==> flow/design.v <==
module sync_addsub_mod #(
    parameter integer W = 72
) (
    input  logic clk_i,
    input  logic rst_ni,
    input  logic valid,
    input  logic signed [W-1:0] arg0,
    input  logic signed [W-1:0] arg1,
    input  logic mode,
    output logic [W-1:0] q,
    output logic cy
);
    logic signed [W-1:0] arg0_reg;
    logic signed [W-1:0] arg1_reg;
    logic mode_reg;
    always_ff @(posedge clk_i or negedge rst_ni) begin
        if (!rst_ni) begin
            arg0_reg <= 0;
            arg1_reg <= 0;
            mode_reg <= 1'b0;
        end else if (valid) begin
            arg0_reg <= arg0;
            arg1_reg <= arg1;
            mode_reg <= mode;
        end
    end
    logic [W-1:0] w2;
    assign w2 = arg1_reg ^ {W{mode_reg}};
    logic [W-1:0] cur;
    assign cur = $unsigned(arg0_reg) + w2 + mode_reg;
    assign q = cur[W-1:0];
    assign cy = (arg0_reg[W-1] == w2[W-1]) && (cur[W-1] != arg0_reg[W-1]);
endmodule
; ---- Tool chain data of sync_addsub_mod
; Tool output for the design above, in the order of the flow.
; Lines are those of the file above, counted from 1.
; Operators carry their Yosys type and port widths (W data, S select, Z words).
; The mark - stands for no value.
[design]
top_module = sync_addsub_mod
clock = clk_i
lib = sky130hd
pvt_corner = tt_025C_1v80

; ---- Elaborated design
; Source: Yosys, flattened and elaborated, memories not mapped. Widths are those after wreduce; folded enables and synchronous resets count as part of the registers. Registers that Yosys merges into a memory's read port (data or address) are not register bits. Print and check cells do not count. Equal cells are merged and count once.
[classes]
add_sub_neg = 2
bitwise = 1
n_reduce_logical = 1
n_eq = 2
[ops]
columns = operator, n
row1 = $add A72 B1 Y72, 1
row2 = $add A72 B72 Y72, 1
row3 = $xor A72 B72 Y72, 1
row4 = $eq A1 B1 Y1, 1
row5 = $ne A1 B1 Y1, 1
row6 = $logic_and A1 B1 Y1, 1
[word_totals]
input_bits = 148
out_inout_bits = 73
ff_bits = 145

; ---- Depth
; Yosys ltp: most cells in a row. Word level: on the elaborated netlist, between registers, memories and ports. Mapped: between sequential cells and ports; inverters and the memories' decode and read muxes count.
[logic_depth]
word_depth = 5
abc_area = 0
mapped_depth = 14

; ---- Mapped cells and area
; The flow's flattened synthesis, as Yosys stat reports it; memories are mapped. The netlist is that of the ABC_AREA named above (0 if unset); the other value can give another one.
; Totals and module areas in this step are rounded.
[by_type]
columns = cell_type, n
row1 = sky130_fd_sc_hd__dfrtp_1, 145
row2 = sky130_fd_sc_hd__mux2_2, 144
row3 = sky130_fd_sc_hd__ha_1, 70
row4 = sky130_fd_sc_hd__xor2_1, 97
row5 = sky130_fd_sc_hd__a21oi_1, 95
row6 = sky130_fd_sc_hd__xnor2_1, 42
row7 = sky130_fd_sc_hd__nand2_1, 72
row8 = sky130_fd_sc_hd__o21ai_0, 45
row9 = sky130_fd_sc_hd__nand4_1, 32
row10 = sky130_fd_sc_hd__nor2_1, 45
row11 = sky130_fd_sc_hd__a21o_1, 22
row12 = sky130_fd_sc_hd__inv_1, 30
row13 = sky130_fd_sc_hd__o21bai_1, 15
row14 = sky130_fd_sc_hd__clkbuf_1, 24
row15 = sky130_fd_sc_hd__buf_2, 17
row16 = sky130_fd_sc_hd__o21ai_1, 17
row17 = sky130_fd_sc_hd__o21a_1, 11
row18 = sky130_fd_sc_hd__nand3_1, 14
; Not listed: further types 58, cells in them 133.
[mapped]
mapped_cells = 1070
sequential_area_um2 = 3600
flip_flops = 145
mapped_area_um2 = 11000
buf_cells = 63

; ---- Path before layout
; OpenSTA on the mapped netlist: ideal clock, no wires. The path of least setup slack (recovery checks aside). Input and output delay are each 20% of the period. Register names are those of the netlist, which keeps one name where synthesis merged equal registers.
[synth_path]
path_kind = register -> output
start = reg mode_reg
end = out cy
delay_ps = 3477
launch_ps = 0
path_buffers = 3
path_stages = 14
output_delay_ps = 1086
setup_slack_ps = 867
arrival_ps = 3477
tclk_ps = 5430
synth_period_reached_ps = 4563
; "delay_ps" = arrival - input delay + setup time.
; A path that ends at an output port has no setup time.
; "path_stages": output pins that drive a net of the path, with the launching flip-flop's if there is one; two outputs of one cell count as two.
; "synth_period_reached_ps" is the clock period less the worst setup slack; recovery checks do not enter. This is arithmetic on one report: input and output delays are still those of the set period (20% each).
; The rows between start and end are the longest chain of elaborated cells between them; the timing report does not say that the signal goes this way. Where chains are equally long, one stands for them.
; A line is the first line of the expression or statement that the cell stems from. Yosys adds cells for indexed reads and writes and turns some case tables into memories.
[synth_via]
path_cell_list = sky130_fd_sc_hd__dfrtp_1 > sky130_fd_sc_hd__buf_2 > sky130_fd_sc_hd__buf_1 > sky130_fd_sc_hd__xor2_1 > sky130_fd_sc_hd__ha_1 > sky130_fd_sc_hd__buf_4 > sky130_fd_sc_hd__nand4_1 > sky130_fd_sc_hd__or4_1 > sky130_fd_sc_hd__a31o_1 > sky130_fd_sc_hd__nand4_2 > sky130_fd_sc_hd__nand2_2 > sky130_fd_sc_hd__or4_4 > sky130_fd_sc_hd__a41oi_2 > sky130_fd_sc_hd__mux2i_1
elab_chain_cells = 5
cells_between = 6
cone_lines = 3
[synth_rtl]
columns = item, line_no
row1 = start: declaration, 15  ; logic mode_reg;
row2 = start: assignment, 20  ; mode_reg <= 1'b0;
row3 = start: assignment, 24  ; mode_reg <= mode;
row4 = $xor A72 B72 Y72, 28  ; assign w2 = arg1_reg ^ {W{mode_reg}};
row5 = $add A72 B72 Y72, 30  ; assign cur = $unsigned(arg0_reg) + w2 + mode_reg;
row6 = $add A72 B1 Y72, 30
row7 = $ne A1 B1 Y1, 32  ; assign cy = (arg0_reg[W-1] == w2[W-1]) && (cur[W-1] != arg0_reg[W-1]);
row8 = $logic_and A1 B1 Y1, 32
row9 = end: declaration, 11  ; output logic cy

; ---- Path in the finished layout
; Path of least setup slack in the final report of flow run 1 (OpenROAD, finished layout, wires in). Where an end is a register, its clock arrival counts in the times.
; The path's times are printed in steps of 10 ps; the period is the one set.
[layout_path]
path_kind = register -> output
start = reg mode_reg
end = out cy
output_delay_ps = 1220
launch_ps = 430
arrival_ps = 4160
setup_slack_ps = 730
path_stages = 14
tclk_ps = 6120
path_buffers = 3
; The rows between start and end are the longest chain of elaborated cells between them; the timing report does not say that the signal goes this way. Where chains are equally long, one stands for them.
[layout_via]
path_cell_list = sky130_fd_sc_hd__dfrtp_4 > sky130_fd_sc_hd__buf_12 > sky130_fd_sc_hd__buf_16 > sky130_fd_sc_hd__xor2_1 > sky130_fd_sc_hd__ha_2 > sky130_fd_sc_hd__nand4_1 > sky130_fd_sc_hd__or4_1 > sky130_fd_sc_hd__a31o_1 > sky130_fd_sc_hd__nand4_4 > sky130_fd_sc_hd__nand2_2 > sky130_fd_sc_hd__or4_4 > sky130_fd_sc_hd__a41oi_4 > sky130_fd_sc_hd__mux2i_1 > sky130_fd_sc_hd__buf_2
elab_chain_cells = 5
cells_between = 6
cone_lines = 3
[layout_rtl]
columns = item, line_no
row1 = start: declaration, 15  ; logic mode_reg;
row2 = start: assignment, 20  ; mode_reg <= 1'b0;
row3 = start: assignment, 24  ; mode_reg <= mode;
row4 = $xor A72 B72 Y72, 28  ; assign w2 = arg1_reg ^ {W{mode_reg}};
row5 = $add A72 B72 Y72, 30  ; assign cur = $unsigned(arg0_reg) + w2 + mode_reg;
row6 = $add A72 B1 Y72, 30
row7 = $ne A1 B1 Y1, 32  ; assign cy = (arg0_reg[W-1] == w2[W-1]) && (cur[W-1] != arg0_reg[W-1]);
row8 = $logic_and A1 B1 Y1, 32
row9 = end: declaration, 11  ; output logic cy

; Record of 3 stored runs of the RTL-to-layout flow on sync_addsub_mod, platform sky130hd. The runs are unordered. Constraints: input delay and output delay 20% of the set period each, output load 0.01 pF.
; By "worst_path_ps" is meant the share of the clock period that the worst setup path is allowed (20% is reserved at inputs, 20% at outputs), minus its slack. Clock arrival times at its registers enter into it.
; "worst_path_ps" is given in steps of 10 ps.
; Values from the reports are rounded here.

[flow run 1: settings]
period_ns = 6.12
CORE_UTILIZATION = 37
SETUP_SLACK_MARGIN = 0.97
TNS_END_PERCENT = 100
CTS_CLUSTER_SIZE = 30
MAX_ROUTING_LAYER = met4
CAP_MARGIN = 20
CORE_MARGIN = 2
SLEW_MARGIN = 20
[flow run 1: results]
finish.utilization_frac = 0.57
die_footprint_um2 = 30000
final_stdcell_area_um2 = 16000
ys_area_um2 = 11000
ws_setup_ps = 730
worst_path_ps = 4160
worst_setup_path_type = register -> output

[flow run 2: settings]
period_ns = 5.43
CAP_MARGIN = 20
CORE_MARGIN = 2
CORE_UTILIZATION = 40
SLEW_MARGIN = 20
[flow run 2: results]
finish.utilization_frac = 0.55
die_footprint_um2 = 28000
final_stdcell_area_um2 = 14000
ys_area_um2 = 11000
ws_setup_ps = 77
worst_path_ps = 4270
worst_setup_path_type = register -> output

[flow run 3: settings]
period_ns = 2.91
CORE_UTILIZATION = 33
SETUP_SLACK_MARGIN = 0.72
PLACE_DENSITY_LB_ADDON = 0.01
CORE_ASPECT_RATIO = 0.55
CORE_MARGIN = 9
CTS_CLUSTER_SIZE = 97
CTS_CLUSTER_DIAMETER = 23
SLEW_MARGIN = 30
MAX_ROUTING_LAYER = met4
CAP_MARGIN = 20
[flow run 3: results]
finish.utilization_frac = 0.58
die_footprint_um2 = 39000
final_stdcell_area_um2 = 18000
ys_area_um2 = 11000
ws_setup_ps = -1900
worst_path_ps = 4260
worst_setup_path_type = register -> output
